==> flow/design.v <==
module mult #(
  parameter XLEN = 10,
  parameter WAYS = 7,
  parameter OUT_W = 2*XLEN + $clog2(WAYS)
) (
  input  aclk,
  input  reset,
  input  [WAYS*XLEN-1:0] lhs_i,
  input  [WAYS*XLEN-1:0] rhs_i,
  output [OUT_W-1:0] prod_o
);
  reg [WAYS*XLEN-1:0] lhs_d1;
  always @(posedge aclk or posedge reset) begin
    if (reset) begin
      lhs_d1 <= 0;
    end else begin
      lhs_d1 <= lhs_i;
    end
  end
  reg [WAYS*XLEN-1:0] rhs_d1;
  always @(posedge aclk or posedge reset) begin
    if (reset) begin
      rhs_d1 <= 0;
    end else begin
      rhs_d1 <= rhs_i;
    end
  end
  reg [OUT_W-1:0] tmp;
  integer k;
  always @* begin
    tmp = 0;
    for (k = 0; k < WAYS; k = k + 1)
      tmp = tmp + lhs_d1[k*XLEN +: XLEN] * rhs_d1[k*XLEN +: XLEN];
  end
  assign prod_o = tmp;
endmodule
## Reports on mult

The steps from the RTL of mult to its reports follow in flow order.
Lines are those of the file above, counted from 1.
Operators: Yosys type, input widths -> output width; for muxes data width and select width s.
The mark -- stands for no value.

- Top: mult
- Clock input: aclk
- Library: sky130hd
- Timing corner: tt_025C_1v80

## After elaboration

Source: Yosys, flattened and elaborated, memories not mapped. Widths are those after wreduce; folded enables and synchronous resets count as part of the registers. Registers that Yosys merges into a memory's read port (data or address) are not register bits. Print and check cells do not count. Equal cells are merged and count once.

- Clocked read ports x word width: 0
- Bits of input ports: 142
- Register bits after elaboration: 140
- Elaborated cells: 15
- Bits in read-only memories: 0
- Memory cells: 0
- Latch bits: 0
- Memory bits (writable): 0
- Output and inout bits: 23

- Bitwise gates (word level): 0
- Multipliers: 7
- Muxes and demuxes: 0
- Reductions and logical operators: 0
- Shifts and indexed selects: 0
- Div/mod/pow operators: 0
- Add/sub/neg operators: 6
- Order comparisons: 0
- Equal/unequal tests: 0

Operators with widths:

| cell | count |
|---|---|
| $mul 10x10->20 | 7 |
| $add 23x20->23 | 3 |
| $add 22x20->23 | 1 |
| $add 21x20->22 | 1 |
| $add 20x20->21 | 1 |

## Longest topological paths

Depth = most cells in a row (Yosys ltp): at word level without a register or memory, in the mapped netlist without a sequential cell, where the memories' decode and read muxes count.

- Depth in word-level cells: 7
- ABC_AREA: 0
- Mapped depth: 29
- Gate-level depth less buffers: 28

## Synthesis result

Yosys stat after the flow's synthesis: flattened, memories mapped to cells. It holds for the ABC_AREA given above (unset counts as 0); a run with the other value may have another netlist.

Cell types:

| cell type | count | total area (sq um) |
|---|---|---|
| sky130_fd_sc_hd__fa_1 | 660 | 1.32E+04 |
| sky130_fd_sc_hd__ha_1 | 285 | 3565.92 |
| sky130_fd_sc_hd__dfrtp_1 | 140 | 3503.36 |
| sky130_fd_sc_hd__inv_1 | 820 | 3.08E+03 |
| sky130_fd_sc_hd__and2_1 | 407 | 2.55E+03 |
| sky130_fd_sc_hd__nand2_1 | 302 | 1.13E+03 |
| sky130_fd_sc_hd__clkbuf_1 | 86 | 322.81 |
| sky130_fd_sc_hd__xnor2_1 | 14 | 122.618 |
| sky130_fd_sc_hd__a21oi_1 | 21 | 105.101 |
| sky130_fd_sc_hd__xor2_1 | 5 | 43.792 |
| sky130_fd_sc_hd__nor2_1 | 11 | 41.29 |
| sky130_fd_sc_hd__o21ai_0 | 5 | 25.024 |
| sky130_fd_sc_hd__a211oi_1 | 3 | 22.522 |
| sky130_fd_sc_hd__and3_1 | 3 | 18.768 |
| sky130_fd_sc_hd__a211o_4 | 1 | 17.517 |
| sky130_fd_sc_hd__o21ai_2 | 2 | 17.517 |
| sky130_fd_sc_hd__a21oi_4 | 1 | 16.266 |
| sky130_fd_sc_hd__a21o_1 | 2 | 15.014 |

Other cell types: 17; their cells: 23.

- Area of sequential cells: 0.0035034 sq mm
- Standard cells after synthesis: 2791
- Flip-flops: 140
- Buffer cells: 87
- Chip area (Yosys): 0.0279718 sq mm

## Path before layout

Path of least setup slack by OpenSTA after synthesis, without wires, with an ideal clock, recovery checks aside; 20% of the period is set as input and as output delay. Where synthesis merged equal registers, the netlist keeps one of their names.

- Path kind: register to output
- From: reg lhs_d1[62]
- To: out prod_o[22]
- Path delay: 7.511 ns
- Buffers on the path: 1
- Driving pins on the path: 27
- Arrival: 7.511 ns
- Data required time: 9.360 ns
- Time at the first pin: 0.000 ns
- Output delay: 2.340 ns
- Setup slack: 1.849 ns
- Clock period: 11.7 ns
- Synthesis period reached: 9.851 ns

"path delay" = arrival - input delay + setup time.
A path that ends at an output port has no setup time.
"driving pins on the path": output pins that drive a net of the path, with the launching flip-flop's if there is one; two outputs of one cell count as two.
"synthesis period reached" = period - worst setup slack (recovery checks aside). The figure is calculated, with input and output delays left at 20% of the set period.
The rows between start and end are the longest chain of elaborated cells between them; the timing report does not say that the signal goes this way. Where chains are equally long, one stands for them.
A line is the first line of the expression or statement that the cell stems from. Yosys adds cells for indexed reads and writes and turns some case tables into memories.

- Cells stage by stage: sky130_fd_sc_hd__dfrtp_1 -> sky130_fd_sc_hd__clkbuf_1 -> sky130_fd_sc_hd__nand2_1 -> sky130_fd_sc_hd__fa_1 -> sky130_fd_sc_hd__inv_1 -> sky130_fd_sc_hd__fa_1 -> sky130_fd_sc_hd__inv_1 -> sky130_fd_sc_hd__fa_1 -> sky130_fd_sc_hd__fa_1 -> sky130_fd_sc_hd__fa_1 -> sky130_fd_sc_hd__fa_1 -> sky130_fd_sc_hd__inv_1 -> sky130_fd_sc_hd__fa_1 -> sky130_fd_sc_hd__inv_1 -> sky130_fd_sc_hd__fa_1 -> sky130_fd_sc_hd__inv_1 -> sky130_fd_sc_hd__fa_1 -> sky130_fd_sc_hd__inv_1 -> sky130_fd_sc_hd__fa_1 -> sky130_fd_sc_hd__inv_1 -> sky130_fd_sc_hd__ha_1 -> sky130_fd_sc_hd__or3_1 -> sky130_fd_sc_hd__and3_1 -> sky130_fd_sc_hd__a211o_4 -> sky130_fd_sc_hd__nor2_1 -> sky130_fd_sc_hd__o41ai_1 -> sky130_fd_sc_hd__xnor2_1
- Cells in the longest elaborated chain: 2
- Elaborated cells on any way between the ends: 2
- Source lines of those cells: 1
- Classes of those cells: 1 x add/sub; 1 x mul

Ends and longest elaborated chain, after synthesis:

| what | RTL line | RTL |
|---|---|---|
| start, declared | 12 | `reg [WAYS*XLEN-1:0] lhs_d1;` |
| start, assigned | 15 | `lhs_d1 <= 0;` |
| start, assigned | 17 | `lhs_d1 <= lhs_i;` |
| $mul 10x10->20 | 33 | `tmp = tmp + lhs_d1[k*XLEN +: XLEN] * rhs_d1[k*XLEN +: XLEN];` |
| $add 23x20->23 | 33 |  |
| end, declared | 10 | `output [OUT_W-1:0] prod_o` |

## Path in the finished layout

Path of least setup slack in the final report of flow run A (OpenROAD, finished layout, wires in). Where an end is a register, its clock arrival counts in the times.

- Path kind: register to output
- From: reg lhs_d1[33]
- To: out prod_o[20]
- Buffers on the path: 3
- Clock period: 9.57 ns
- Setup slack: -0.75 ns
- Driving pins on the path: 28
- Output delay: 1.91 ns
- Arrival: 8.41 ns
- Time at the first pin: 0.49 ns
- Data required time: 7.66 ns

The rows between start and end are the longest chain of elaborated cells between them; the timing report does not say that the signal goes this way. Where chains are equally long, one stands for them.

- Cells stage by stage: sky130_fd_sc_hd__dfrtp_1 -> sky130_fd_sc_hd__buf_6 -> sky130_fd_sc_hd__and2_4 -> sky130_fd_sc_hd__fa_1 -> sky130_fd_sc_hd__fa_1 -> sky130_fd_sc_hd__inv_2 -> sky130_fd_sc_hd__fa_1 -> sky130_fd_sc_hd__inv_2 -> sky130_fd_sc_hd__fa_1 -> sky130_fd_sc_hd__fa_1 -> sky130_fd_sc_hd__fa_1 -> sky130_fd_sc_hd__fa_1 -> sky130_fd_sc_hd__inv_1 -> sky130_fd_sc_hd__fa_1 -> sky130_fd_sc_hd__inv_2 -> sky130_fd_sc_hd__fa_1 -> sky130_fd_sc_hd__inv_2 -> sky130_fd_sc_hd__fa_1 -> sky130_fd_sc_hd__inv_2 -> sky130_fd_sc_hd__ha_4 -> sky130_fd_sc_hd__or3_4 -> sky130_fd_sc_hd__and3_4 -> sky130_fd_sc_hd__a211o_4 -> sky130_fd_sc_hd__buf_6 -> sky130_fd_sc_hd__a21oi_4 -> sky130_fd_sc_hd__o21ai_2 -> sky130_fd_sc_hd__xor2_2 -> sky130_fd_sc_hd__buf_2
- Cells in the longest elaborated chain: 5
- Elaborated cells on any way between the ends: 5
- Source lines of those cells: 1
- Classes of those cells: 4 x add/sub; 1 x mul

Ends and longest elaborated chain, after layout:

| what | RTL line | RTL |
|---|---|---|
| start, declared | 12 | `reg [WAYS*XLEN-1:0] lhs_d1;` |
| start, assigned | 15 | `lhs_d1 <= 0;` |
| start, assigned | 17 | `lhs_d1 <= lhs_i;` |
| $mul 10x10->20 | 33 | `tmp = tmp + lhs_d1[k*XLEN +: XLEN] * rhs_d1[k*XLEN +: XLEN];` |
| $add 22x20->23 | 33 |  |
| $add 23x20->23 (3 in a row) | 33 |  |
| end, declared | 10 | `output [OUT_W-1:0] prod_o` |

FLOW RESULTS
============

Measured results for mult: 3 stored runs of the Yosys and OpenROAD flow on sky130hd. The settings differ; the order carries no meaning. The constraints put input and output delay at 20% of the set period each and load the outputs with 0.01 pF.
"clock period achieved" is the run's clock period less its worst setup slack. It is reckoned from that one timing run; input and output delays stay at 20% of the period that was set.
"critical setup path time" = time allowed to the worst setup path (clock period - input delay - output delay, where it has them) - its slack; a late launch clock adds to it, a late capture clock takes from it.
Among the settings, -- means not set for that run.

| name | flow run A | flow run B | flow run C |
|---|---|---|---|
| period_ns | 9.57 | 17.7 | 11.7 |
| CORE_UTILIZATION | 67 | 41 | 40 |
| HOLD_SLACK_MARGIN | 0.27 | -- | -- |
| CORE_MARGIN | 7 | 2 | 2 |
| TNS_END_PERCENT | 95 | -- | -- |
| GPL_ROUTABILITY_DRIVEN | 0 | 0 | -- |
| CAP_MARGIN | 20 | 40 | 20 |
| SLEW_MARGIN | 10 | 10 | 20 |
| MIN_ROUTING_LAYER | met1 | met2 | -- |
| MAX_ROUTING_LAYER | met5 | -- | -- |
| SETUP_SLACK_MARGIN | -- | 2.62 | -- |
| PLACE_DENSITY | -- | 0.48 | -- |
| CELL_PAD_IN_SITES_DETAIL_PLACEMENT | -- | 1 | -- |
| GPL_TIMING_DRIVEN | -- | 0 | -- |
| total negative slack on setup checks (ns) | -8.282 | 0.000 | 0.000 |
| standard-cell area of the final layout (sq mm) | 0.0335109 | 0.0313413 | 0.0312425 |
| worst hold slack in the final report (ns) | 1.855 | 3.441 | 2.284 |
| synthesis area (sq mm) | 0.0279718 | 0.0279718 | 0.0279718 |
| clock period achieved (ns) | 10.324 | 13.662 | 11.402 |
| critical setup path time (ns) | 8.41 | 10.12 | 9.06 |
| type of the worst setup path | register to output | register to output | register to output |
| worst setup slack after layout (ns) | -0.754 | 4.038 | 0.298 |
| area of the die (sq mm) | 0.0476658 | 0.0703284 | 0.07206 |
| utilization | 0.817 | 0.465 | 0.453 |
